==> flow/design.v <==
module my_diff_unit_p #(
    parameter DW = 72
) (
    input logic clk,
    input logic enable,
    input logic [DW-1:0] in_arg0,
    input logic [DW-1:0] in_arg1,
    output logic [DW-1:0] out_d,
    output logic out_bout
);
    logic [DW-1:0] arg0_q;
    always_ff @(posedge clk) begin
        if (enable) begin
            arg0_q <= in_arg0;
        end
    end
    logic [DW-1:0] arg1_q;
    always_ff @(posedge clk) begin
        if (enable) begin
            arg1_q <= in_arg1;
        end
    end
    localparam LW = DW / 2;
    logic [LW:0] l_q;
    always_ff @(posedge clk) begin
        if (enable) begin
            l_q <= arg0_q[LW-1:0] - arg1_q[LW-1:0];
        end
    end
    logic [DW-LW-1:0] arg0_hi_q;
    always_ff @(posedge clk) begin
        if (enable) begin
            arg0_hi_q <= arg0_q[DW-1:LW];
        end
    end
    logic [DW-LW-1:0] arg1_hi_q;
    always_ff @(posedge clk) begin
        if (enable) begin
            arg1_hi_q <= arg1_q[DW-1:LW];
        end
    end
    logic [DW-LW:0] high;
    assign high = arg0_hi_q - arg1_hi_q - l_q[LW];
    always_ff @(posedge clk) begin
        if (enable) begin
            out_d <= {high[DW-LW-1:0], l_q[LW-1:0]};
        end
    end
    always_ff @(posedge clk) begin
        if (enable) begin
            out_bout <= high[DW-LW];
        end
    end
endmodule
Tool chain data of my_diff_unit_p. What the tools print for my_diff_unit_p, step after step. Line numbers count from 1 in the design file above. Library cell names are shortened. The mark n/a stands for no value.

Design top: my_diff_unit_p. Clock: clk. Cell library: sky130hd. Corner: tt_025C_1v80.

Word level. Counts by Yosys on the flattened word-level netlist (proc, flatten, opt, wreduce; memories kept). Register bits leave out memories and registers merged into their read ports (data or address); mux counts leave out enables and synchronous resets folded into registers. Print and check cells are left out. Cells with the same type and inputs are merged into one.

Under register bits stands 326. Bits of input ports: 146. Output and inout port bits: 73.

The figure for add/sub/neg operators is 3.

Operators by type and width (number): 36-bit by 36-bit subtractor with 37-bit output (2); 37-bit by 1-bit subtractor with 37-bit output (1).

Depth. Yosys ltp: most cells in a row. Word level: on the elaborated netlist, between registers, memories and ports. Mapped: between sequential cells and ports; inverters and the memories' decode and read muxes count.

The figure for depth after elaboration is 2. Under ABC_AREA stands 0. For gate-level depth with buffers the number is 14. The entry for depth with buffers taken out reads 14.

Mapped cells and area. Yosys stat after the flow's synthesis: flattened, memories mapped to cells. It holds for the ABC_AREA given above (unset counts as 0); a run with the other value may have another netlist. The area totals of this step are shown rounded.

Cell types: edfxtp_1 (number 326, total area 9.79E+03 um2); ha_1 (number 106, total area 1.33E+03 um2); inv_1 (number 164, total area 615.59 um2); xnor2_1 (number 37, total area 324.061 um2); a21oi_1 (number 53, total area 265.254 um2); a21o_1 (number 35, total area 262.752 um2); xor2_1 (number 23, total area 201.443 um2); nor2_1 (number 42, total area 157.651 um2); o21ai_0 (number 26, total area 130.125 um2); nand2_1 (number 34, total area 127.622 um2); o21bai_1 (number 12, total area 90.086 um2); a31oi_1 (number 13, total area 81.328 um2); o21a_1 (number 9, total area 67.565 um2); nand3_1 (number 13, total area 65.062 um2); fa_1 (number 3, total area 60.058 um2); and3_1 (number 9, total area 56.304 um2); nor3_1 (number 10, total area 50.048 um2); a221oi_2 (number 3, total area 45.043 um2).

Not listed: further types 55, cells in them 127.

The figure for mapped cells is 1045. The entry for flip-flops reads 326. Under sequential part of the area stands 9790 um2. The entry for mapped area reads 14700 um2.

Worst setup path after synthesis. Path of least setup slack by OpenSTA after synthesis, without wires, with an ideal clock, recovery checks aside; 20% of the period is set as input and as output delay. Where synthesis merged equal registers, the netlist keeps one of their names.

Path kind: flip-flop to flip-flop. Start point: register arg0_hi_q[0]. End point: register out_d[56]. The entry for clock period reads 4.2 ns. The entry for slack reads 0.842 ns. Under data required time stands 3.939 ns. For stages on the path the number is 14. Under buffers on the path stands 0. The figure for library setup time is 0.261 ns. Under arrival time stands 3.098 ns. The entry for path delay reads 3.359 ns. The figure for synthesis period reached is 3.358 ns.

"path delay" is the arrival time less input delay plus setup time. "stages on the path" counts driving pins, that of a launching flip-flop among them; a cell with two outputs on the path counts twice. "synthesis period reached" is the clock period less the worst setup slack; recovery checks do not enter. This is arithmetic on one report: input and output delays are still those of the set period (20% each). The rows between start and end are the longest chain of elaborated cells between them; the timing report does not say that the signal goes this way. Where chains are equally long, one stands for them. Each line given opens the expression or statement behind the cell; cells for indexed reads and writes are added by Yosys, which also makes memories of some case tables.

Path through: edfxtp_1 > fa_1 > inv_1 > ha_1 > or2_2 > fa_1 > nand2b_1 > a21oi_1 > o21a_1 > o41a_1 > o211ai_1 > a31o_1 > a21oi_1 > xnor2_1. Under cells in the longest elaborated chain stands 2. Under elaborated cells on any way between the ends stands 2. Classes of those cells: add/sub: 2.

Ends and longest elaborated chain, post-synthesis: from (decl) (RTL line 30) `logic [DW-LW-1:0] arg0_hi_q;`; from (assign) (RTL line 33) `arg0_hi_q <= arg0_q[DW-1:LW];`; 36-bit by 36-bit subtractor with 37-bit output (RTL line 43) `assign high = arg0_hi_q - arg1_hi_q - l_q[LW];`; 37-bit by 1-bit subtractor with 37-bit output (RTL line 43); to (assign) (RTL line 46) `out_d <= {high[DW-LW-1:0], l_q[LW-1:0]};`; to (decl) (RTL line 8) `output logic [DW-1:0] out_d,`.

Timing after layout. From the final timing report of job 1: the path of least setup slack in the routed layout; clock arrival at registers is part of the times.

Path kind: flip-flop to flip-flop. Start point: register arg1_hi_q[0]. End point: register out_d[58]. The figure for library setup time is 0.25 ns. For stages on the path the number is 14. The entry for clock period reads 2.29 ns. Under data required time stands 2.55 ns. The entry for slack reads -1.07 ns. Under buffers on the path stands 0. Under arrival time stands 3.62 ns.

The rows between start and end are the longest chain of elaborated cells between them; the timing report does not say that the signal goes this way. Where chains are equally long, one stands for them.

Path through: edfxtp_1 > inv_2 > fa_1 > inv_1 > ha_2 > or2_4 > fa_2 > nand2b_4 > a21oi_4 > o21a_1 > o41a_1 > o211ai_1 > a311oi_1 > xnor2_1. Under cells in the longest elaborated chain stands 2. Under elaborated cells on any way between the ends stands 2. Classes of those cells: add/sub: 2.

Ends and longest elaborated chain, after layout: from (decl) (RTL line 36) `logic [DW-LW-1:0] arg1_hi_q;`; from (assign) (RTL line 39) `arg1_hi_q <= arg1_q[DW-1:LW];`; 36-bit by 36-bit subtractor with 37-bit output (RTL line 43) `assign high = arg0_hi_q - arg1_hi_q - l_q[LW];`; 37-bit by 1-bit subtractor with 37-bit output (RTL line 43); to (assign) (RTL line 46) `out_d <= {high[DW-LW-1:0], l_q[LW-1:0]};`; to (decl) (RTL line 8) `output logic [DW-1:0] out_d,`.

Module my_diff_unit_p, platform sky130hd: 3 stored runs of the flow (Yosys, OpenROAD) with differing settings, in no particular order. Input and output delays are each 20% of the period that was set; the output load is 0.01 pF. "reached clock period" is the run's clock period less its worst setup slack. It is reckoned from that one timing run; input and output delays stay at 20% of the period that was set. "worst setup path time": the worst setup path's part of the clock period (all of it between registers, 20% less for each end at a port) less its slack. A launch clock that arrives late makes it longer, a capture clock that arrives late makes it shorter. "total power of the final layout": no workload was simulated; the value follows from the tool's default switching activity. The results are shown rounded.

Files of job 1:
==> flow/run.sh <==
#!/bin/bash
# the make line also repeats the synthesis and layout settings of config.mk as NAME=value (left out here)
make -C /OpenROAD-flow-scripts/flow DESIGN_CONFIG=/design/flow/config.mk WORK_HOME=/design/flow/orfs CLKGATE_MAP_FILE= finish
==> flow/config.mk <==
export PLATFORM = sky130hd
export DESIGN_NAME = my_diff_unit_p
export DESIGN_NICKNAME = my_diff_unit_p
export VERILOG_FILES = /design/flow/design.v
export SDC_FILE = /design/flow/constraint.sdc
export NUM_CORES = 4
export LEC_CHECK = 0
export CAP_MARGIN = 20
export CELL_PAD_IN_SITES_GLOBAL_PLACEMENT = 1
export CORE_MARGIN = 2
export CORE_UTILIZATION = 52
export CTS_CLUSTER_SIZE = 10
export MAX_ROUTING_LAYER = met5
export MIN_ROUTING_LAYER = met1
export SETUP_SLACK_MARGIN = 0.44
export SLEW_MARGIN = 20
export TNS_END_PERCENT = 65
==> flow/constraint.sdc <==
create_clock -name core_clock -period 2.29 [get_ports {clk}]
set_input_delay 0.4580 -clock core_clock [delete_from_list [all_inputs] [get_ports {clk}]]
set_output_delay 0.4580 -clock core_clock [all_outputs]
set_load 0.01 [all_outputs]

Results of job 1. The worst setup path time reads 3.36 ns. Worst path kind: flip-flop to flip-flop. The chip area after synthesis (Yosys) stands at 14700 um2. For the reached clock period the run shows 3.359 ns. The lowest setup slack comes to -1.07 ns. For the utilization in the final report the run shows 73.5 %. For the die footprint the run shows 29700 um2. The standard-cell area after layout stands at 20500 um2. The total power of the final layout comes to 17.2 mW.

Files of job 2:
==> flow/run.sh <==
#!/bin/bash
# the make line also repeats the synthesis and layout settings of config.mk as NAME=value (left out here)
make -C /OpenROAD-flow-scripts/flow DESIGN_CONFIG=/design/flow/config.mk WORK_HOME=/design/flow/orfs CLKGATE_MAP_FILE= finish
==> flow/config.mk <==
export PLATFORM = sky130hd
export DESIGN_NAME = my_diff_unit_p
export DESIGN_NICKNAME = my_diff_unit_p
export VERILOG_FILES = /design/flow/design.v
export SDC_FILE = /design/flow/constraint.sdc
export NUM_CORES = 4
export LEC_CHECK = 0
export CAP_MARGIN = 20
export CORE_MARGIN = 2
export CORE_UTILIZATION = 40
export SLEW_MARGIN = 20
==> flow/constraint.sdc <==
create_clock -name core_clock -period 4.2 [get_ports {clk}]
set_input_delay 0.8400 -clock core_clock [delete_from_list [all_inputs] [get_ports {clk}]]
set_output_delay 0.8400 -clock core_clock [all_outputs]
set_load 0.01 [all_outputs]

Results of job 2. The worst setup path time reads 3.83 ns. Worst path kind: flip-flop to flip-flop. The chip area after synthesis (Yosys) stands at 14700 um2. For the reached clock period the run shows 3.831 ns. The lowest setup slack comes to 0.369 ns. For the utilization in the final report the run shows 51.5 %. For the die footprint the run shows 38300 um2. The standard-cell area after layout stands at 18800 um2. The total power of the final layout comes to 9.24 mW.

Files of job 3:
==> flow/run.sh <==
#!/bin/bash
# the make line also repeats the synthesis and layout settings of config.mk as NAME=value (left out here)
make -C /OpenROAD-flow-scripts/flow DESIGN_CONFIG=/design/flow/config.mk WORK_HOME=/design/flow/orfs CLKGATE_MAP_FILE= finish
==> flow/config.mk <==
export PLATFORM = sky130hd
export DESIGN_NAME = my_diff_unit_p
export DESIGN_NICKNAME = my_diff_unit_p
export VERILOG_FILES = /design/flow/design.v
export SDC_FILE = /design/flow/constraint.sdc
export NUM_CORES = 4
export LEC_CHECK = 0
export CAP_MARGIN = 0
export CELL_PAD_IN_SITES_GLOBAL_PLACEMENT = 2
export CORE_ASPECT_RATIO = 1.03
export CORE_MARGIN = 7
export CORE_UTILIZATION = 65
export CTS_CLUSTER_DIAMETER = 188
export GPL_ROUTABILITY_DRIVEN = 1
export GPL_TIMING_DRIVEN = 0
export PLACE_DENSITY_LB_ADDON = 0.13
export SETUP_SLACK_MARGIN = 0.37
export SLEW_MARGIN = 20
==> flow/constraint.sdc <==
create_clock -name core_clock -period 2.6 [get_ports {clk}]
set_input_delay 0.5200 -clock core_clock [delete_from_list [all_inputs] [get_ports {clk}]]
set_output_delay 0.5200 -clock core_clock [all_outputs]
set_load 0.01 [all_outputs]

Outcome of job 3: stopped before the end: placement reported FLW-0024.
